==> flow/design.v <==
module diff_unit_v2 #(
  parameter DATA_W = 32
) (
  input  wire core_clk,
  input  wire [DATA_W-1:0] i_src1,
  input  wire i_dir,
  input  wire i_load,
  output wire [DATA_W-1:0] o_out
);
  reg [DATA_W-1:0] acc;
  always @(posedge core_clk) begin
    acc <= i_load ? i_src1 : i_dir ? acc - i_src1 : acc + i_src1;
  end
  assign o_out = acc;
endmodule
Tool chain data of diff_unit_v2. Tool output for the design above, in the order of the flow. Lines are those of the file above, counted from 1. Operators: Yosys type, input widths -> output width; for muxes data width and select width s. Library cell names are shortened. Not given: -

Top: diff_unit_v2. Clock: core_clk. Standard-cell library: sky130hd. Timing corner: tt_025C_1v80.

After elaboration. Yosys after proc, flatten, opt, wreduce and memory -nomap, before mapping. Enables and synchronous resets that opt folds into registers are not counted as muxes. Memory bits, and registers merged into a memory's read port (data or address), are not among the register bits. Print and check cells are not counted. Equal cells are merged and count once.

The figure for register bits is 32. The figure for bits of input ports is 35. The figure for cells after elaboration is 5.

The entry for add/sub/neg operators reads 2. The figure for multiplexer cells is 2.

Operators with widths (count): $mux 32 (2); $add 32x32->32 (1); $sub 32x32->32 (1).

Depth. Longest topological path by Yosys (ltp), each cell counted once; first at word level (registers and memories cut), then after technology mapping (sequential cells cut; the memories' decode and read muxes count).

The entry for depth in word-level cells reads 3. For ABC_AREA the number is 0. Under mapped depth stands 18. Under gate-level depth less buffers stands 17.

After synthesis. The flow's flattened synthesis, as Yosys stat reports it; memories are mapped. The netlist is that of the ABC_AREA named above (0 if unset); the other value can give another one.

Cell types: dfxtp_1 (count 32, total area 640.614 µm²); xnor2_1 (count 47, total area 411.645 µm²); ha_1 (count 32, total area 400.384 µm²); a21oi_1 (count 45, total area 225.216 µm²); nand2_1 (count 52, total area 195.187 µm²); o21ai_0 (count 39, total area 195.187 µm²); a21o_1 (count 17, total area 127.622 µm²); nor2_1 (count 33, total area 123.869 µm²); xor2_1 (count 9, total area 78.826 µm²); nor3_1 (count 14, total area 70.067 µm²); clkbuf_1 (count 17, total area 63.811 µm²); inv_1 (count 14, total area 52.55 µm²); o21a_1 (count 7, total area 52.55 µm²); nand4_1 (count 7, total area 43.792 µm²); nor4_4 (count 2, total area 42.541 µm²); a31oi_1 (count 6, total area 37.536 µm²); o211ai_1 (count 5, total area 37.536 µm²); o21bai_1 (count 5, total area 37.536 µm²).

Other cell types: 32; their cells: 65.

Under mapped cells stands 448. The entry for mapped area reads 0.0033495 mm². Under flip-flop cells stands 32. Under buffers stands 19.

Worst setup path after synthesis. OpenSTA on the mapped netlist: ideal clock, no wires. The path of least setup slack (recovery checks aside). Input and output delay are each 20% of the period. Register names are those of the netlist, which keeps one name where synthesis merged equal registers.

Kind: input -> register. Start: input port i_src1[14]. End: register acc[31]. Period: 6730 ps. External input delay: 1346 ps. For setup time the number is 118 ps. For time at the first pin the number is 1346 ps. For data arrival time the number is 5535 ps. Slack: 1077 ps. The entry for path delay reads 4307 ps. The entry for stages reads 17. The entry for period reached after synthesis reads 5653 ps.

"path delay" is the arrival time less input delay plus setup time. "stages" counts driving pins, that of a launching flip-flop among them; a cell with two outputs on the path counts twice. "period reached after synthesis" = period - worst setup slack (recovery checks aside). The figure is calculated, with input and output delays left at 20% of the set period. The rows between start and end are the longest chain of elaborated cells between them; the timing report does not say that the signal goes this way. Where chains are equally long, one stands for them. Each line given opens the expression or statement behind the cell; cells for indexed reads and writes are added by Yosys, which also makes memories of some case tables.

Path through: or4_4 > or4_4 > or3_1 > or2_4 > nor4_4 > nor2_1 > xnor2_1 > ha_1 > clkbuf_1 > a21o_1 > o21bai_1 > or4_1 > or3_1 > a311oi_1 > xnor2_1 > nand2_1 > xnor2_1. For length of the longest elaborated chain the number is 3.

RTL lines, path after synthesis: start: declaration (RTL line 5) `input  wire [DATA_W-1:0] i_src1,`; $add 32x32->32 (RTL line 12) `acc <= i_load ? i_src1 : i_dir ? acc - i_src1 : acc + i_src1;`; $mux 32 (2 in a row) (RTL line 12); end: assignment (RTL line 12); end: declaration (RTL line 10) `reg [DATA_W-1:0] acc;`.

Path in the finished layout. Path of least setup slack in the final report of flow run A (OpenROAD, finished layout, wires in). Where an end is a register, its clock arrival counts in the times. The path's times are printed in steps of 10 ps; the period is the one set.

Kind: input -> register. Start: input port i_src1[12]. End: register acc[31]. Period: 6730 ps. External input delay: 1350 ps. For setup time the number is 100 ps. For time at the first pin the number is 1350 ps. For data arrival time the number is 6370 ps. Slack: 540 ps. The entry for stages reads 17.

The rows between start and end are the longest chain of elaborated cells between them; the timing report does not say that the signal goes this way. Where chains are equally long, one stands for them.

Path through: clkdlybuf4s50_1 > or4_4 > or4_4 > or3_1 > or2_4 > nor4_4 > nor2_1 > xnor2_1 > ha_1 > a21o_1 > o21bai_1 > or4_1 > or3_1 > a311oi_1 > xnor2_1 > nand2_1 > xnor2_1. For length of the longest elaborated chain the number is 3.

RTL lines, path after layout: start: declaration (RTL line 5) `input  wire [DATA_W-1:0] i_src1,`; $add 32x32->32 (RTL line 12) `acc <= i_load ? i_src1 : i_dir ? acc - i_src1 : acc + i_src1;`; $mux 32 (2 in a row) (RTL line 12); end: assignment (RTL line 12); end: declaration (RTL line 10) `reg [DATA_W-1:0] acc;`.

## Implementation results

Flow measurements of diff_unit_v2 on sky130hd: 3 stored runs with different settings, listed in no order. Input and output delays are each 20% of the period that was set; the output load is 0.01 pF. "time of the worst setup path": the worst setup path's part of the clock period (all of it between registers, 20% less for each end at a port) less its slack. A launch clock that arrives late makes it longer, a capture clock that arrives late makes it shorter. "time of the worst setup path" is known to 10 ps.

Flow run A has these settings: period_ns 6.73; CAP_MARGIN 20; CORE_MARGIN 2; CORE_UTILIZATION 40; SLEW_MARGIN 20. The Yosys chip area after synthesis comes to 0.0033495 mm². The measured die area is 0.0091212 mm². The standard-cell area after routing reads 0.004194 mm². The utilization after routing reads 51.3 %. The setup slack of the worst path comes to 538 ps. The measured post-route setup TNS is 0 ps. The smallest hold slack stands at 579 ps. The time of the worst setup path comes to 4850 ps. Worst path kind: input -> register.

Flow run B has these settings: period_ns 4.01; CORE_UTILIZATION 25; PLACE_DENSITY_LB_ADDON 0.0; HOLD_SLACK_MARGIN 0.01; CELL_PAD_IN_SITES_GLOBAL_PLACEMENT 1; TNS_END_PERCENT 60; GPL_ROUTABILITY_DRIVEN 1; MIN_ROUTING_LAYER met2; CAP_MARGIN 20; CORE_MARGIN 2; SLEW_MARGIN 20. The Yosys chip area after synthesis comes to 0.0033495 mm². The measured die area is 0.0143401 mm². The standard-cell area after routing reads 0.0057318 mm². The utilization after routing reads 43.6 %. The setup slack of the worst path comes to -822 ps. The measured post-route setup TNS is -6139 ps. The smallest hold slack stands at 572 ps. The time of the worst setup path comes to 4030 ps. Worst path kind: input -> register.

Flow run C has these settings: period_ns 4.19; CORE_UTILIZATION 72; SETUP_SLACK_MARGIN 1.17; CELL_PAD_IN_SITES_DETAIL_PLACEMENT 2; ABC_AREA 0; GPL_ROUTABILITY_DRIVEN 1; CTS_CLUSTER_SIZE 79; SLEW_MARGIN 25; MIN_ROUTING_LAYER met2; CAP_MARGIN 20; CORE_MARGIN 2. Outcome: no results, placement failed with GPL-0301.
